==> flow/design.v <==
module my_mul_unit_mod (sys_clk, nrst, a_in, b_in, clear_in, m_out);
    parameter DWIDTH = 3;
    parameter G = 2;
    input sys_clk;
    input nrst;
    input [DWIDTH-1:0] a_in;
    input [DWIDTH-1:0] b_in;
    input clear_in;
    output [2*DWIDTH+G-1:0] m_out;
    reg [DWIDTH-1:0] a_r;
    reg [DWIDTH-1:0] b_r;
    reg clear_r;
    always @(posedge sys_clk or negedge nrst) begin
        if (~nrst) begin
            a_r <= 0;
            b_r <= 0;
            clear_r <= 1'b0;
        end else begin
            a_r <= a_in;
            b_r <= b_in;
            clear_r <= clear_in;
        end
    end
    wire [2*DWIDTH-1:0] work;
    assign work = a_r * b_r;
    reg [2*DWIDTH+G-1:0] accum;
    always @(posedge sys_clk or negedge nrst) begin
        if (~nrst) begin
            accum <= 0;
        end else begin
            accum <= clear_r ? work : accum + work;
        end
    end
    assign m_out = accum;
endmodule
Wiki page: my_mul_unit_mod / tool data

==> Reports on my_mul_unit_mod <==
Tool output for the members of one design family, told apart by "DWIDTH", in the order of the flow.
The RTL above is that of DWIDTH 3; lines are counted from 1 in the file of the member named.
Operators carry their Yosys type and port widths (W data, S select, Z words).
Cell names lack the library's common part.
{ "setup": {"top_module": "my_mul_unit_mod", "clock": "sys_clk", "cell_library": "sky130hd", "pvt_corner": "tt_025C_1v80"} }

==> Source of the members <==
New or changed lines of each further member against the RTL above, in its own file; lines it lacks are not shown.
{ "changed_lines": {"columns": ["DWIDTH", "line", "source"], "rows": [
  [4, 2, "parameter DWIDTH = 4;"],
  [5, 2, "parameter DWIDTH = 5;"],
  [12, 2, "parameter DWIDTH = 12;"],
  [20, 2, "parameter DWIDTH = 20;"],
  [28, 2, "parameter DWIDTH = 28;"]
]} }

==> Elaborated design <==
Yosys after proc, flatten, opt, wreduce and memory -nomap, before mapping. Enables and synchronous resets that opt folds into registers are not counted as muxes. Memory bits, and registers merged into a memory's read port (data or address), are not among the register bits. Print and check cells are not counted. Equal cells are merged and count once.
{ "classes": {"columns": ["DWIDTH", "n_reduce_logical", "logic", "muxes", "n_addsub", "n_div", "eq_ne", "compare", "shifts", "mul"], "rows": [
  [3, 0, 0, 1, 1, 0, 0, 0, 0, 1],
  [4, 0, 0, 1, 1, 0, 0, 0, 0, 1],
  [5, 0, 0, 1, 1, 0, 0, 0, 0, 1],
  [12, 0, 0, 1, 1, 0, 0, 0, 0, 1],
  [20, 0, 0, 1, 1, 0, 0, 0, 0, 1],
  [28, 0, 0, 1, 1, 0, 0, 0, 0, 1]
]} }
{ "op_table": {"columns": ["DWIDTH", "op_list"], "rows": [
  [3, "1 x $mul A3 B3 Y6; 1 x $add A8 B6 Y8; 1 x $mux W8"],
  [4, "1 x $mul A4 B4 Y8; 1 x $add A10 B8 Y10; 1 x $mux W10"],
  [5, "1 x $mul A5 B5 Y10; 1 x $add A12 B10 Y12; 1 x $mux W12"],
  [12, "1 x $mul A12 B12 Y24; 1 x $add A26 B24 Y26; 1 x $mux W26"],
  [20, "1 x $mul A20 B20 Y40; 1 x $add A42 B40 Y42; 1 x $mux W42"],
  [28, "1 x $mul A28 B28 Y56; 1 x $add A58 B56 Y58; 1 x $mux W58"]
]} }
{ "bits": {"columns": ["DWIDTH", "mem_bits_rw", "latchBits", "in_bits", "clocked_rd_ports_x_width", "mem_bits_ro", "mem_count", "reg_bits"], "rows": [
  [3, 0, 0, 9, 0, 0, 0, 15],
  [4, 0, 0, 11, 0, 0, 0, 19],
  [5, 0, 0, 13, 0, 0, 0, 23],
  [12, 0, 0, 27, 0, 0, 0, 51],
  [20, 0, 0, 43, 0, 0, 0, 83],
  [28, 0, 0, 59, 0, 0, 0, 115]
]} }

==> Logic depth <==
Yosys ltp: most cells in a row. Word level: on the elaborated netlist, between registers, memories and ports. Mapped: between sequential cells and ports; inverters and the memories' decode and read muxes count.
{ "logic_depth": {"columns": ["DWIDTH", "ltp_word", "abc_area", "depth_mapped", "ltp_nobuf"], "rows": [
  [3, 3, 0, 12, 12],
  [4, 3, 0, 15, 15],
  [5, 3, 0, 19, 19],
  [12, 3, 0, 29, 27],
  [20, 3, 0, 36, 35],
  [28, 3, 0, 39, 35]
]} }

==> Synthesis result <==
Source: synth_stat.txt of the flow (Yosys; design flattened, memories mapped). It holds for the ABC_AREA given above (unset counts as 0); a run with the other value may have another netlist.
{ "by_type": {"columns": ["DWIDTH", "cell_types"], "rows": [
  [3, "15 x dfrtp_1; 12 x ha_1; 3 x fa_1; 6 x and2_1; 8 x nand2_1; 7 x inv_1; 3 x xnor2_1; 3 x a211oi_1; 3 x a21o_1; 2 x mux2_2; 4 x o21ai_0; 2 x nor4b_1; 2 x o31a_1; 1 x mux2_4; 2 x o21a_1; 2 x o31ai_1; 1 x a211oi_2; 1 x buf_6; [+11]"],
  [4, "19 x dfrtp_1; 21 x ha_1; 5 x fa_1; 14 x and2_1; 4 x mux2_1; 5 x a211oi_1; 10 x inv_1; 4 x a211o_1; 4 x a21o_1; 6 x a21oi_1; 8 x nor2_1; 4 x o21a_1; 5 x o21ai_0; 6 x nand2_1; 4 x nor3_1; 4 x o21ai_1; 2 x o21a_2; 2 x xnor2_1; [+27]"],
  [5, "23 x dfrtp_1; 29 x ha_1; 10 x fa_1; 16 x and2_1; 20 x nand2_1; 15 x inv_1; 6 x xnor2_1; 9 x a21oi_1; 4 x mux2_2; 5 x xor2_1; 7 x o21ai_0; 2 x mux2_4; 3 x a21oi_2; 4 x nor2b_1; 3 x a21o_1; 6 x nor2_1; 3 x o21bai_1; 4 x nand3_1; [+21]"],
  [12, "101 x fa_1; 51 x dfrtp_1; 87 x ha_1; 140 x inv_1; 126 x nand2_1; 57 x and2_1; 25 x xnor2_1; 34 x a21oi_1; 36 x clkbuf_1; 17 x a21o_1; 25 x o21ai_0; 14 x xor2_1; 7 x mux2_2; 19 x nor2_1; 11 x nand3_1; 7 x a211oi_1; 7 x o21a_1; 5 x o211ai_1; [+74]"],
  [20, "321 x fa_1; 198 x ha_1; 83 x dfrtp_1; 380 x inv_1; 220 x and2_1; 268 x nand2_1; 82 x a21oi_1; 46 x xnor2_1; 96 x clkbuf_1; 68 x o21ai_0; 39 x a21o_1; 25 x xor2_1; 13 x mux2_2; 29 x nor2_1; 12 x o21a_1; 14 x nand4_1; 11 x o21bai_1; 12 x nand3_1; [+100]"],
  [28, "675 x fa_1; 270 x ha_1; 790 x inv_1; 115 x dfrtp_1; 392 x and2_1; 509 x nand2_1; 208 x clkbuf_1; 138 x a21oi_1; 62 x xnor2_1; 65 x a21o_1; 42 x xor2_1; 67 x o21ai_0; 83 x nor2_1; 29 x nand4_1; 12 x mux2_2; 17 x o21bai_1; 17 x and3_1; 19 x nand3_1; [+187]"]
]} }
A list marked [+n] leaves out that many cells.
{ "synth_totals": {"columns": ["DWIDTH", "seq_area_um2", "ff_cells", "synth_area_um2", "mapped_cells"], "rows": [
  [3, 375.4, 15, 960.9, 88],
  [4, 475.5, 19, 1526.5, 154],
  [5, 575.6, 23, 1908.1, 190],
  [12, 1276.2, 51, 7563.5, 843],
  [20, 2077.0, 83, 18208.7, 2017],
  [28, 2877.8, 115, 32716.4, 3697]
]} }

==> Path before layout <==
OpenSTA on the mapped netlist: ideal clock, no wires. The path of least setup slack (recovery checks aside). Input and output delay are each 20% of the period. Register names are those of the netlist, which keeps one name where synthesis merged equal registers.
{ "synth_timing": {"columns": ["DWIDTH", "path_type", "from", "to", "tclk_ns", "path_slack_ns", "stages", "path_delay_ns", "synth_period_reached_ns"], "rows": [
  [3, "reg-to-reg", "register a_r[0]", "register accum[7]", 3.48, 0.697, 13, 2.783, 2.783],
  [4, "reg-to-reg", "register a_r[0]", "register accum[7]", 4.63, 0.923, 15, 3.707, 3.707],
  [5, "reg-to-reg", "register b_r[4]", "register accum[11]", 5.33, 1.068, 19, 4.262, 4.262],
  [12, "reg-to-reg", "register b_r[3]", "register accum[24]", 8.15, 1.633, 26, 6.518, 6.517],
  [20, "reg-to-reg", "register a_r[9]", "register accum[38]", 9.99, 1.999, 35, 7.991, 7.991],
  [28, "reg-to-reg", "register a_r[9]", "register accum[51]", 10.9, 2.156, 34, 8.745, 8.744]
]} }
"path_delay_ns" = arrival - input delay + setup time.
"stages" counts driving pins, that of a launching flip-flop among them; a cell with two outputs on the path counts twice.
"synth_period_reached_ns" is the clock period less the worst setup slack; recovery checks do not enter. This is arithmetic on one report: input and output delays are still those of the set period (20% each).
Between the ends stands the longest chain of elaborated cells between them, by number of cells; it is not shown to be the way that was timed. Of several equally long chains one is given.
A line is the first line of the expression or statement that the cell stems from. Yosys adds cells for indexed reads and writes and turns some case tables into memories.
{ "synth_between_DWIDTH_3": {"elab_chain_cells": 3} }
{ "synth_lines_DWIDTH_3": {"columns": ["item", "line", "source"], "rows": [
  ["from (decl)", 10, "reg [DWIDTH-1:0] a_r;"],
  ["from (assign)", 15, "a_r <= 0;"],
  ["from (assign)", 19, "a_r <= a_in;"],
  ["$mul A3 B3 Y6", 25, "assign work = a_r * b_r;"],
  ["$add A8 B6 Y8", 31, "accum <= clear_r ? work : accum + work;"],
  ["$mux W8", 31, null],
  ["to (assign)", 29, "accum <= 0;"],
  ["to (assign)", 31, null],
  ["to (decl)", 26, "reg [2*DWIDTH+G-1:0] accum;"]
]} }
{ "synth_between_DWIDTH_28": {"elab_chain_cells": 3} }
{ "synth_lines_DWIDTH_28": {"columns": ["item", "line", "source"], "rows": [
  ["from (decl)", 10, "reg [DWIDTH-1:0] a_r;"],
  ["from (assign)", 15, "a_r <= 0;"],
  ["from (assign)", 19, "a_r <= a_in;"],
  ["$mul A28 B28 Y56", 25, "assign work = a_r * b_r;"],
  ["$add A58 B56 Y58", 31, "accum <= clear_r ? work : accum + work;"],
  ["$mux W58", 31, null],
  ["to (assign)", 29, "accum <= 0;"],
  ["to (assign)", 31, null],
  ["to (decl)", 26, "reg [2*DWIDTH+G-1:0] accum;"]
]} }

==> Worst path after layout <==
From the final timing report of each member's run: the path of least setup slack in the routed layout; clock arrival at registers is part of the times.
{ "layout_timing": {"columns": ["DWIDTH", "path_type", "from", "to", "path_buffers", "path_slack_ns", "t_arrival_ns", "tclk_ns", "stages"], "rows": [
  [3, "reg-to-reg", "register a_r[0]", "register accum[7]", 0, 0.48, 3.17, 3.48, 13],
  [4, "reg-to-reg", "register b_r[3]", "register accum[7]", 0, 0.60, 4.20, 4.63, 16],
  [5, "reg-to-reg", "register a_r[0]", "register accum[8]", 0, 0.85, 4.69, 5.33, 18],
  [12, "reg-to-reg", "register b_r[5]", "register accum[24]", 0, 1.05, 7.30, 8.15, 26],
  [20, "reg-to-reg", "register a_r[8]", "register accum[36]", 0, 1.03, 9.23, 9.99, 34],
  [28, "reg-to-reg", "register a_r[24]", "register accum[57]", 1, 0.98, 10.26, 10.9, 33]
]} }

==> Layout results <==
Settings and results of one run of the flow (Yosys, OpenROAD) for each member follow. The constraints put input and output delay at 20% of the set period each and load the outputs with 0.01 pF.
{ "flow_settings": {"CAP_MARGIN": 20, "CORE_MARGIN": 2, "CORE_UTILIZATION": 40, "SLEW_MARGIN": 20} }
{ "settings_by_member": {"columns": ["DWIDTH", "period_ns"], "rows": [
  [3, 3.48],
  [4, 4.63],
  [5, 5.33],
  [12, 8.15],
  [20, 9.99],
  [28, 10.9]
]} }
{ "results": {"columns": ["DWIDTH", "finish.stdcell_area_um2", "layout_utilization_pct", "synthArea_um2", "setup_worst_slack_ns", "clock_period_reached_ns", "total_die_area_um2", "setupTns_ns"], "rows": [
  [3, 1166.1, 52.2, 960.9, 0.481, 2.999, 2810.6, 0.000],
  [4, 1813.0, 49.5, 1526.5, 0.595, 4.035, 4326.4, 0.000],
  [5, 2255.9, 48.4, 1908.1, 0.849, 4.481, 5338.5, 0.000],
  [12, 8414.3, 45.1, 7563.5, 1.046, 7.104, 20025.1, 0.000],
  [20, 19914.1, 44.1, 18208.7, 1.026, 8.964, 47245.4, 0.000],
  [28, 35531.6, 44.0, 32716.4, 0.975, 9.925, 84094.2, 0.000]
]} }
"clock_period_reached_ns" means the clock period less the worst setup slack. The figure is calculated, with input and output delays left at 20% of the set period.
